==> flow/design.v <==
module cmp_unit #(
  parameter integer DW = 96
) (
  input  wire ck,
  input  wire i_rst_n,
  input  wire adv,
  input  wire [DW-1:0] first_in,
  input  wire [DW-1:0] second_in,
  output reg le_out
);
  always @(posedge ck or negedge i_rst_n) begin
    if (~i_rst_n) begin
      le_out <= 1'b0;
    end else if (adv) begin
      le_out <= (first_in <= second_in);
    end
  end
endmodule
# [Reports on cmp_unit]
# Tool output for the design above, in the order of the flow.
# Lines are those of the file above, counted from 1.
# Operators carry their Yosys type and port widths (W data, S select, Z words).
# A cell with n/a has no value.
[design] top="cmp_unit" clock_port="ck" cell_library="sky130hd" corner="tt_025C_1v80"

# [After elaboration]
# Yosys after proc, flatten, opt, wreduce and memory -nomap, before mapping. Enables and synchronous resets that opt folds into registers are not counted as muxes. Memory bits, and registers merged into a memory's read port (data or address), are not among the register bits. Print and check cells are not counted. Equal cells are merged and count once.
[bits] ff_bits=1 latchBits=0 ramBits=0 mem_bits_ro=0 clocked_rd_ports_x_width=0 memories=0 inputBits=195 out_inout_bits=1
[classes] n_addsub=0 multipliers=0 div=0 cmp=1 equal=0 shifts=0 n_mux=0 logic=0 reduce_and_logical=0
[ops] cell="$le A96 B96 Y1" count=1

# [Logic depth]
# Depth = most cells in a row (Yosys ltp): at word level without a register or memory, in the mapped netlist without a sequential cell, where the memories' decode and read muxes count.
[depth] word_depth=1 abc_area=1 depth_mapped=16 ltp_nobuf=16

# [After synthesis]
# The flow's flattened synthesis, as Yosys stat reports it; memories are mapped. The netlist is that of the ABC_AREA named above (0 if unset); the other value can give another one.
[synth_totals] cell_count=425 area_mm2=0.0026826 ffs=1
[types] cell_type="sky130_fd_sc_hd__ha_1" count=96 type_area_um2=1.2E+03
[types] cell_type="sky130_fd_sc_hd__inv_1" count=115 type_area_um2=431.664
[types] cell_type="sky130_fd_sc_hd__nand2_1" count=98 type_area_um2=367.853
[types] cell_type="sky130_fd_sc_hd__a21oi_1" count=44 type_area_um2=220.211
[types] cell_type="sky130_fd_sc_hd__nor2_1" count=23 type_area_um2=86.333
[types] cell_type="sky130_fd_sc_hd__o21a_1" count=6 type_area_um2=45.043
[types] cell_type="sky130_fd_sc_hd__nand4_1" count=5 type_area_um2=31.28
[types] cell_type="sky130_fd_sc_hd__a21o_1" count=4 type_area_um2=30.029
[types] cell_type="sky130_fd_sc_hd__o21ai_1" count=6 type_area_um2=30.029
[types] cell_type="sky130_fd_sc_hd__dfrtp_1" count=1 type_area_um2=25.024
[types] cell_type="sky130_fd_sc_hd__nand3_1" count=5 type_area_um2=25.024
[types] cell_type="sky130_fd_sc_hd__nand4_2" count=2 type_area_um2=25.024
[types] cell_type="sky130_fd_sc_hd__nor2_2" count=4 type_area_um2=25.024
[types] cell_type="sky130_fd_sc_hd__nand4_4" count=1 type_area_um2=21.27
[types] cell_type="sky130_fd_sc_hd__nor3_2" count=2 type_area_um2=20.019
[types] cell_type="sky130_fd_sc_hd__nor3_4" count=1 type_area_um2=16.266
[types] cell_type="sky130_fd_sc_hd__o21ai_0" count=3 type_area_um2=15.014
[types] cell_type="sky130_fd_sc_hd__nor2b_4" count=1 type_area_um2=13.763
# Other cell types: 6; their cells: 8.

# [Timing after synthesis]
# OpenSTA on the mapped netlist: ideal clock, no wires. The path of least setup slack (recovery checks aside). Input and output delay are each 20% of the period. Register names are those of the netlist, which keeps one name where synthesis merged equal registers.
[synth_path] kind="input-to-reg" from="input second_in[94]" to="register le_out" period_ps=2350 input_delay_ps=470 t_first_pin_ps=470 t_arrival_ps=1514 required_time_ps=2228 slack_ps=714 delay_ps=1166 driving_pins=10 period_less_setup_slack_ps=1636
# "delay_ps" is the arrival time less input delay plus setup time.
# "driving_pins" counts driving pins, that of a launching flip-flop among them; a cell with two outputs on the path counts twice.
# "period_less_setup_slack_ps" = period - worst setup slack (recovery checks aside). The figure is calculated, with input and output delays left at 20% of the set period.
# The rows between start and end are the longest chain of elaborated cells between them; the timing report does not say that the signal goes this way. Where chains are equally long, one stands for them.
# Each line given opens the expression or statement behind the cell; cells for indexed reads and writes are added by Yosys, which also makes memories of some case tables.
[synth_via] cell_sequence="sky130_fd_sc_hd__inv_1 > sky130_fd_sc_hd__ha_1 > sky130_fd_sc_hd__nand4_2 > sky130_fd_sc_hd__nor3_2 > sky130_fd_sc_hd__nor2b_4 > sky130_fd_sc_hd__nand2_1 > sky130_fd_sc_hd__nor2_1 > sky130_fd_sc_hd__nand2_1 > sky130_fd_sc_hd__nand3_1 > sky130_fd_sc_hd__a21oi_2" elab_chain_cells=1
[synth_rtl] element="from (decl)" line_no=8 source="input  wire [DW-1:0] second_in,"
[synth_rtl] element="$le A96 B96 Y1" line_no=15 source="le_out <= (first_in <= second_in);"
[synth_rtl] element="to (assign)" line_no=13 source="le_out <= 1'b0;"
[synth_rtl] element="to (assign)" line_no=15
[synth_rtl] element="to (decl)" line_no=9 source="output reg le_out"

# [Timing after layout]
# Path of least setup slack in the final report of flow run 1 (OpenROAD, finished layout, wires in). Where an end is a register, its clock arrival counts in the times.
# The path's times are printed in steps of 10 ps; the period is the one set.
[layout_path] kind="input-to-reg" from="input second_in[55]" to="register le_out" period_ps=3090 input_delay_ps=620 t_first_pin_ps=620 t_arrival_ps=2290 required_time_ps=2970 slack_ps=680 driving_pins=12
# The rows between start and end are the longest chain of elaborated cells between them; the timing report does not say that the signal goes this way. Where chains are equally long, one stands for them.
[layout_via] cell_sequence="sky130_fd_sc_hd__clkdlybuf4s50_1 > sky130_fd_sc_hd__inv_1 > sky130_fd_sc_hd__ha_1 > sky130_fd_sc_hd__nand2_1 > sky130_fd_sc_hd__nor2_2 > sky130_fd_sc_hd__nand4_1 > sky130_fd_sc_hd__nor2_2 > sky130_fd_sc_hd__nand4_2 > sky130_fd_sc_hd__nor2_1 > sky130_fd_sc_hd__nand2_1 > sky130_fd_sc_hd__nand3_1 > sky130_fd_sc_hd__a21oi_2" elab_chain_cells=1
[layout_rtl] element="from (decl)" line_no=8 source="input  wire [DW-1:0] second_in,"
[layout_rtl] element="$le A96 B96 Y1" line_no=15 source="le_out <= (first_in <= second_in);"
[layout_rtl] element="to (assign)" line_no=13 source="le_out <= 1'b0;"
[layout_rtl] element="to (assign)" line_no=15
[layout_rtl] element="to (decl)" line_no=9 source="output reg le_out"

## Implementation results

Record of 3 stored runs of the RTL-to-layout flow on cmp_unit, platform sky130hd. The runs are unordered. Constraints: input delay and output delay 20% of the set period each, output load 0.01 pF.
"achieved clock period" is the run's clock period less its worst setup slack. It is reckoned from that one timing run; input and output delays stay at 20% of the period that was set.
"worst setup path time": the worst setup path's part of the clock period (all of it between registers, 20% less for each end at a port) less its slack. A launch clock that arrives late makes it longer, a capture clock that arrives late makes it shorter.
"power": no workload was simulated; the value follows from the tool's default switching activity.
"worst setup path time" is known to 10 ps.
[flow run 1] settings: period_ns=3.09, CORE_UTILIZATION=37, PLACE_DENSITY=0.85, CORE_MARGIN=5, TNS_END_PERCENT=70, ABC_AREA=1, CAP_MARGIN=10, SLEW_MARGIN=5, MIN_ROUTING_LAYER=met2
[flow run 1] result: chip area after synthesis (Yosys) 0.0026826 mm^2, die area 0.0090535 mm^2, standard-cell area of the final layout 0.0047583 mm^2, utilization 0.667, worst setup slack after layout 682 ps, total negative slack 0 ps, worst hold slack 506 ps, power 579.7 uW, achieved clock period 2408 ps, worst setup path time 1790 ps, worst setup path kind input-to-reg
[flow run 2] settings: period_ns=1.31, CORE_UTILIZATION=65, SETUP_SLACK_MARGIN=0.01, HOLD_SLACK_MARGIN=0.04, TNS_END_PERCENT=90, GPL_ROUTABILITY_DRIVEN=0, CAP_MARGIN=20, CORE_MARGIN=2, SLEW_MARGIN=20
[flow run 2] result: did not finish, placement stopped with GPL-0301
[flow run 3] settings: period_ns=2.35, CAP_MARGIN=20, CORE_MARGIN=2, CORE_UTILIZATION=40, SLEW_MARGIN=20
[flow run 3] result: did not finish, routing stopped with GRT-0232
